==> flow/design.v <==
module ram_block #(
  parameter DEPTH = 96,
  parameter W = 2,
  parameter ABITS = $clog2(DEPTH)
) (
  input  clk_i,
  input  i_rst_n,
  input  [ABITS-1:0] address,
  input  write,
  input  [W-1:0] wr_data,
  output reg [W-1:0] rd
);
  reg [ABITS-1:0] address_s;
  reg write_s;
  reg [W-1:0] wr_data_s;
  always @(posedge clk_i or negedge i_rst_n) begin
    if (!i_rst_n) begin
      address_s <= 0;
      write_s <= 1'b0;
      wr_data_s <= 0;
    end else begin
      address_s <= address;
      write_s <= write;
      wr_data_s <= wr_data;
    end
  end
  reg [W-1:0] bank [0:DEPTH-1];
  always @(posedge clk_i)
    if (write_s) bank[address_s] <= wr_data_s;
  always @(posedge clk_i or negedge i_rst_n) begin
    if (!i_rst_n) begin
      rd <= 0;
    end else begin
      rd <= write_s ? wr_data_s : bank[address_s];
    end
  end
endmodule
# Reports on ram_block
# The steps from the RTL of ram_block to its reports follow in flow order.
# Line numbers count from 1 in the design file above.
# Operators carry their Yosys type and port widths (W data, S select, Z words).
# Not given: n/a
dict set report design {
  top {ram_block}
  clock {clk_i}
  lib {sky130hd}
  pvt_corner {tt_025C_1v80}
}

# After elaboration
# Yosys after proc, flatten, opt, wreduce and memory -nomap, before mapping. Enables and synchronous resets that opt folds into registers are not counted as muxes. Memory bits, and registers merged into a memory's read port (data or address), are not among the register bits. Print and check cells are not counted. Equal cells are merged and count once.
# Memory sizes are those after Yosys's memory passes, which may raise the word count (mostly to a power of two), join words into wider ones and drop unused or constant bits.
dict set report classes {
  mux 3
  reduce_and_logical 1
}
# op count
set op_table {}
lappend op_table {{$mux W7} 1}
lappend op_table {{$mux W2} 1}
lappend op_table {{$logic_not A1 Y1} 1}
lappend op_table {{$mux W1} 1}
dict set report word_totals {
  clocked_rd_ports_x_width 2
  mem_count 1
  output_inout_bits 2
  reg_bits 10
  ramBits 192
  in_bits 12
  elab_cells 8
}
# name words word_bits read_ports write_ports line
set memory_table {}
lappend memory_table {bank 96 2 1 1 27} ;# reg [W-1:0] bank [0:DEPTH-1];

# Depth
# Longest topological path by Yosys (ltp), each cell counted once; first at word level (registers and memories cut), then after technology mapping (sequential cells cut; the memories' decode and read muxes count).
dict set report logic_depth {
  word_depth 1
  ABC_AREA 0
  ltp_mapped 9
  mapped_depth_nobuf 6
}

# After synthesis
# Source: synth_stat.txt of the flow (Yosys; design flattened, memories mapped). It holds for the ABC_AREA given above (unset counts as 0); a run with the other value may have another netlist.
# Totals and module areas in this step are rounded.
dict set report synth_totals {
  sequential_area_mm2 0.00607
  n_buf 30
  ff_cells 204
  synth_area_mm2 0.0084
  mapped_cells 553
}
# cell_type count type_area_um2
set types {}
lappend types {sky130_fd_sc_hd__edfxtp_1 192 5765.53}
lappend types {sky130_fd_sc_hd__nor2_1 107 401.635}
lappend types {sky130_fd_sc_hd__mux4_2 15 337.824}
lappend types {sky130_fd_sc_hd__dfrtp_1 12 300.288}
lappend types {sky130_fd_sc_hd__mux2i_1 19 190.182}
lappend types {sky130_fd_sc_hd__mux2_2 14 157.651}
lappend types {sky130_fd_sc_hd__nand2_1 36 135.13}
lappend types {sky130_fd_sc_hd__a221oi_1 12 105.101}
lappend types {sky130_fd_sc_hd__nor2b_1 14 87.584}
lappend types {sky130_fd_sc_hd__a22oi_1 11 82.579}
lappend types {sky130_fd_sc_hd__nand3_1 15 75.072}
lappend types {sky130_fd_sc_hd__buf_2 13 65.062}
lappend types {sky130_fd_sc_hd__buf_6 5 56.304}
lappend types {sky130_fd_sc_hd__a221oi_2 3 45.043}
lappend types {sky130_fd_sc_hd__o221ai_1 5 43.792}
lappend types {sky130_fd_sc_hd__a21oi_1 8 40.038}
lappend types {sky130_fd_sc_hd__a22o_1 4 35.034}
lappend types {sky130_fd_sc_hd__a32oi_1 4 35.034}
# Other cell types: 33; their cells: 64.

# Path before layout
# Path of least setup slack by OpenSTA after synthesis, without wires, with an ideal clock, recovery checks aside; 20% of the period is set as input and as output delay. Where synthesis merged equal registers, the netlist keeps one of their names.
dict set report synth_timing {
  path_type {flip-flop to flip-flop}
  from {reg address_s[0]}
  to {mem bank[60][0]}
  path_buffers 2
  required_ps 1959
  path_slack_ps 457
  setup_time_ps 311
  stages 6
  tclk_ps 2270
  path_delay_ps 1813
  launch_ps 0
  t_arrival_ps 1502
  synth_period_reached_ps 1813
}
# "path_delay_ps" is the arrival time less input delay plus setup time.
# "stages": output pins that drive a net of the path, with the launching flip-flop's if there is one; two outputs of one cell count as two.
# "synth_period_reached_ps" = period - worst setup slack (recovery checks aside). The figure is calculated, with input and output delays left at 20% of the set period.
# Between the ends stands the longest chain of elaborated cells between them, by number of cells; it is not shown to be the way that was timed. Of several equally long chains one is given.
# A line is the first line of the expression or statement that the cell stems from. Yosys adds cells for indexed reads and writes and turns some case tables into memories.
dict set report synth_between {
  path_cell_list {sky130_fd_sc_hd__dfrtp_1 > sky130_fd_sc_hd__buf_6 > sky130_fd_sc_hd__buf_4 > sky130_fd_sc_hd__nor2_1 > sky130_fd_sc_hd__nand3_1 > sky130_fd_sc_hd__nor2_1}
  elab_chain_cells 1
  cone_cells 1
  cone_lines 1
  cone_classes {mux (1)}
}
# item line
set synth_rtl {}
lappend synth_rtl {{start: declaration} 13} ;# reg [ABITS-1:0] address_s;
lappend synth_rtl {{start: assignment} 18} ;# address_s <= 0;
lappend synth_rtl {{start: assignment} 22} ;# address_s <= address;
lappend synth_rtl {{$mux W7} 29} ;# if (write_s) bank[address_s] <= wr_data_s;
lappend synth_rtl {{end: declaration} 27} ;# reg [W-1:0] bank [0:DEPTH-1];

# Path in the finished layout
# From the final timing report of record 2: the path of least setup slack in the routed layout; clock arrival at registers is part of the times.
# The report prints the path's times to 10 ps; the period is as set.
dict set report layout_timing {
  path_type {flip-flop to flip-flop}
  from {reg address_s[2]}
  to {reg rd[0]}
  stages 7
  t_arrival_ps 2540
  path_buffers 0
  setup_time_ps 140
  launch_ps 480
  path_slack_ps 70
  tclk_ps 2270
  required_ps 2610
}
dict set report layout_between {
  path_cell_list {sky130_fd_sc_hd__dfrtp_4 > sky130_fd_sc_hd__mux2_2 > sky130_fd_sc_hd__a221oi_2 > sky130_fd_sc_hd__a221o_1 > sky130_fd_sc_hd__a21boi_0 > sky130_fd_sc_hd__o41ai_4 > sky130_fd_sc_hd__a41oi_2}
}
# item line
set layout_rtl {}
lappend layout_rtl {{start: declaration} 13} ;# reg [ABITS-1:0] address_s;
lappend layout_rtl {{start: assignment} 18} ;# address_s <= 0;
lappend layout_rtl {{start: assignment} 22} ;# address_s <= address;
lappend layout_rtl {{end: declaration} 11} ;# output reg [W-1:0] rd
# No chain of elaborated cells between the ends is given.

; Settings and measured results of 3 stored flow runs for module ram_block (sky130hd), not sorted in any way. The constraints put input and output delay at 20% of the set period each and load the outputs with 0.01 pF.
; By "period_reached_ps" is meant the clock period of the run minus its worst setup slack. This is arithmetic on one report: input and output delays are still those of the set period (20% each).
; "design_power_uw" rests on the timing tool's default activity at the inputs, not on a simulated workload.
; Results are given in rounded form.

[record 1: settings]
period_ns = 1.55
CORE_UTILIZATION = 61
SETUP_SLACK_MARGIN = 0.4
PLACE_DENSITY_LB_ADDON = 0.29
CORE_ASPECT_RATIO = 0.93
CELL_PAD_IN_SITES_DETAIL_PLACEMENT = 2
SLEW_MARGIN = 0
MIN_ROUTING_LAYER = met2
MAX_ROUTING_LAYER = met5
CAP_MARGIN = 20
CORE_MARGIN = 2
[record 1: results]
outcome = not finished: placement ended with error DPL-0033

[record 2: settings]
period_ns = 2.27
CAP_MARGIN = 20
CORE_MARGIN = 2
CORE_UTILIZATION = 40
SLEW_MARGIN = 20
[record 2: results]
tns_ps = 0
layout_stdcell_area_mm2 = 0.00991
post_route_util_pct = 48.5
design_power_uw = 7960
final_setup_ws_ps = 66
synthArea_mm2 = 0.0084
design.die.area_mm2 = 0.0222
period_reached_ps = 2204

[record 3: settings]
period_ns = 2.29
CORE_UTILIZATION = 34
SETUP_SLACK_MARGIN = 0.12
PLACE_DENSITY_LB_ADDON = 0.26
CORE_MARGIN = 3
CELL_PAD_IN_SITES_GLOBAL_PLACEMENT = 2
CELL_PAD_IN_SITES_DETAIL_PLACEMENT = 0
TNS_END_PERCENT = 70
CTS_CLUSTER_DIAMETER = 160
CAP_MARGIN = 0
SLEW_MARGIN = 20
[record 3: results]
tns_ps = 0
synthArea_mm2 = 0.0084
final_setup_ws_ps = 157
post_route_util_pct = 42.6
period_reached_ps = 2133
design_power_uw = 8270
layout_stdcell_area_mm2 = 0.0102
design.die.area_mm2 = 0.0266
